==> flow/design.v <==
module alu_compare_stage #(
    parameter DWIDTH = 24
) (
    input  aclk,
    input  reset,
    input  [DWIDTH-1:0] lhs,
    input  [DWIDTH-1:0] rhs,
    output [DWIDTH-1:0] mn,
    output [DWIDTH-1:0] mx
);
    reg [DWIDTH-1:0] lhs_s;
    reg [DWIDTH-1:0] rhs_s;
    always @(posedge aclk) begin
        if (reset) begin
            lhs_s <= 0;
            rhs_s <= 0;
        end else begin
            lhs_s <= lhs;
            rhs_s <= rhs;
        end
    end
    wire work;
    assign work = lhs_s < rhs_s;
    reg [DWIDTH-1:0] mn_s;
    always @(posedge aclk) begin
        if (reset) begin
            mn_s <= 0;
        end else begin
            mn_s <= work ? lhs_s : rhs_s;
        end
    end
    assign mn = mn_s;
    reg [DWIDTH-1:0] mx_s;
    always @(posedge aclk) begin
        if (reset) begin
            mx_s <= 0;
        end else begin
            mx_s <= work ? rhs_s : lhs_s;
        end
    end
    assign mx = mx_s;
endmodule
### Tool chain data of alu_compare_stage

Tool output for the design above, in the order of the flow.
Line numbers count from 1 in the design file above.
Cell names lack the library's common part.
Not given: n/a

* top module: alu_compare_stage
* clock: aclk
* standard-cell library: sky130hd
* timing corner: tt_025C_1v80

### Word-level counts

Yosys after proc, flatten, opt, wreduce and memory -nomap, before mapping. Enables and synchronous resets that opt folds into registers are not counted as muxes. Memory bits, and registers merged into a memory's read port (data or address), are not among the register bits. Print and check cells are not counted. Equal cells are merged and count once.

* register bits after elaboration: 96
* bits of input ports: 50
* output and inout port bits: 48
* cells after elaboration: 7

* $lt $le $gt $ge: 1
* multiplexer cells: 2

Operators by type and width (number)
* 24-bit two-way mux: 2
* 24-bit < comparator: 1

### Logic depth

Longest topological path by Yosys (ltp), each cell counted once; first at word level (registers and memories cut), then after technology mapping (sequential cells cut; the memories' decode and read muxes count).

* word-level depth: 2
* ABC_AREA: 0
* depth in mapped cells: 10
* gate-level depth less buffers: 8

### Mapped cells and area

Yosys stat after the flow's synthesis: flattened, memories mapped to cells. It holds for the ABC_AREA given above (unset counts as 0); a run with the other value may have another netlist.

Cells by type
* dfxtp_1: number 96, total area 1.92E+03 um2
* mux2i_1: number 48, total area 480.461 um2
* nor2b_1: number 49, total area 306.544 um2
* nand2b_1: number 48, total area 300.288 um2
* ha_1: number 23, total area 287.776 um2
* inv_1: number 23, total area 86.333 um2
* a21oi_1: number 10, total area 50.048 um2
* clkbuf_1: number 10, total area 37.536 um2
* buf_6: number 3, total area 33.782 um2
* a21o_1: number 4, total area 30.029 um2
* nand2_1: number 6, total area 22.522 um2
* o21ai_1: number 4, total area 20.019 um2
* nand4_1: number 3, total area 18.768 um2
* buf_4: number 2, total area 15.014 um2
* nor4b_2: number 1, total area 15.014 um2
* a21oi_2: number 1, total area 8.758 um2
* a41oi_1: number 1, total area 8.758 um2
* nand4b_1: number 1, total area 8.758 um2

Other cell types: 3; their cells: 3.

* cells in the netlist: 336
* synthesis area: 3667.3 um2
* area of sequential cells: 1921.8 um2
* flip-flop cells: 96
* buffer cells: 15

### Path before layout

Path of least setup slack by OpenSTA after synthesis, without wires, with an ideal clock, recovery checks aside; 20% of the period is set as input and as output delay. Where synthesis merged equal registers, the netlist keeps one of their names.

* path kind: reg-to-reg
* start point: reg rhs_s[21]
* end point: reg mn_s[17]
* period: 2.32 ns
* library setup time: 0.072 ns
* time at the first pin: 0.000 ns
* arrival: 1.783 ns
* required time: 2.248 ns
* path slack: 0.465 ns
* path delay: 1.855 ns
* stages: 11
* buffers on the path: 2
* synthesis period reached: 1.855 ns

"path delay" is the arrival time less input delay plus setup time.
"stages" counts driving pins, that of a launching flip-flop among them; a cell with two outputs on the path counts twice.
"synthesis period reached" is the clock period less the worst setup slack; recovery checks do not enter. This is arithmetic on one report: input and output delays are still those of the set period (20% each).
Between the ends stands the longest chain of elaborated cells between them, by number of cells; it is not shown to be the way that was timed. Of several equally long chains one is given.
Each line given opens the expression or statement behind the cell; cells for indexed reads and writes are added by Yosys, which also makes memories of some case tables.

* cells stage by stage: dfxtp_1 > inv_1 > ha_1 > a21o_1 > a21o_1 > a21oi_1 > o21ai_1 > a21oi_2 > buf_6 > buf_6 > mux2i_1
* cells in the longest elaborated chain: 2
* elaborated cells on any way between the ends: 2
* RTL lines with such cells: 2
* those cells by class: compare: 1; mux: 1

RTL lines, path after synthesis
* start: declaration: line 12 `reg [DWIDTH-1:0] rhs_s;`
* start: assignment: line 16 `rhs_s <= 0;`
* start: assignment: line 19 `rhs_s <= rhs;`
* 24-bit < comparator: line 23 `assign work = lhs_s < rhs_s;`
* 24-bit two-way mux: line 29 `mn_s <= work ? lhs_s : rhs_s;`
* end: assignment: line 27 `mn_s <= 0;`
* end: assignment: line 29
* end: declaration: line 24 `reg [DWIDTH-1:0] mn_s;`

### Path in the finished layout

Path of least setup slack in the final report of flow run A (OpenROAD, finished layout, wires in). Where an end is a register, its clock arrival counts in the times.

* path kind: reg-to-reg
* start point: reg rhs_s[10]
* end point: reg mx_s[16]
* period: 2.32 ns
* library setup time: 0.11 ns
* time at the first pin: 0.35 ns
* arrival: 2.29 ns
* required time: 2.55 ns
* path slack: 0.26 ns
* stages: 10
* buffers on the path: 1

Between the ends stands the longest chain of elaborated cells between them, by number of cells; it is not shown to be the way that was timed. Of several equally long chains one is given.

* cells stage by stage: dfxtp_1 > inv_1 > ha_1 > nand2_1 > o21ai_1 > a41oi_2 > nor4b_2 > a21oi_4 > buf_4 > mux2i_1
* cells in the longest elaborated chain: 2
* elaborated cells on any way between the ends: 2
* RTL lines with such cells: 2
* those cells by class: compare: 1; mux: 1

RTL lines, path after layout
* start: declaration: line 12 `reg [DWIDTH-1:0] rhs_s;`
* start: assignment: line 16 `rhs_s <= 0;`
* start: assignment: line 19 `rhs_s <= rhs;`
* 24-bit < comparator: line 23 `assign work = lhs_s < rhs_s;`
* 24-bit two-way mux: line 38 `mx_s <= work ? rhs_s : lhs_s;`
* end: assignment: line 36 `mx_s <= 0;`
* end: assignment: line 38
* end: declaration: line 33 `reg [DWIDTH-1:0] mx_s;`

Appendix: measured runs

Below are 3 stored runs of the flow (Yosys, OpenROAD; platform sky130hd) on alu_compare_stage, each with its settings and what was measured, unordered. Constraints: input delay and output delay 20% of the set period each, output load 0.01 pF.
"clock period achieved" = clock period - worst setup slack. The figure is calculated, with input and output delays left at 20% of the set period.
"worst setup path time" is the time allowed to the run's worst setup path (the clock period less input and output delay, where it has them) less its slack. Clock arrival times count: a late capture clock shortens it, a late launch clock lengthens it.
"power consumption" rests on the timing tool's default activity at the inputs, not on a simulated workload.

### Flow run A

Settings: `period_ns=2.32`, `CAP_MARGIN=20`, `CORE_MARGIN=2`, `CORE_UTILIZATION=40`, `SLEW_MARGIN=20`

- Die footprint: 9,950.1 um2
- Power consumption: 3.430 mW
- Setup slack of the worst path: 0.258 ns
- Setup TNS: 0.000 ns
- Worst setup path time: 2.06 ns
- Critical path type: reg-to-reg
- Standard-cell area after layout: 4,943.5 um2
- Utilization after routing: 56.1 %
- Clock period achieved: 2.062 ns
- Mapped cell area after synthesis: 3,667.3 um2
- Post-route worst hold slack: 0.499 ns

### Flow run B

Settings: `period_ns=1.53`, `CORE_UTILIZATION=48`, `PLACE_DENSITY_LB_ADDON=0.09`, `HOLD_SLACK_MARGIN=0.2`, `CELL_PAD_IN_SITES_GLOBAL_PLACEMENT=2`, `ABC_AREA=0`, `GPL_ROUTABILITY_DRIVEN=0`, `MAX_ROUTING_LAYER=met5`, `CAP_MARGIN=20`, `CORE_MARGIN=2`, `SLEW_MARGIN=20`

No results, placement failed with FLW-0024.

### Flow run C

Settings: `period_ns=1.55`, `CORE_UTILIZATION=71`, `SETUP_SLACK_MARGIN=0.05`, `PLACE_DENSITY_LB_ADDON=0.26`, `CORE_MARGIN=8`, `CELL_PAD_IN_SITES_DETAIL_PLACEMENT=1`, `TNS_END_PERCENT=50`, `GPL_TIMING_DRIVEN=0`, `CTS_CLUSTER_SIZE=76`, `CTS_CLUSTER_DIAMETER=224`, `CAP_MARGIN=25`, `MIN_ROUTING_LAYER=met2`, `SLEW_MARGIN=20`

No results, placement failed with FLW-0024.
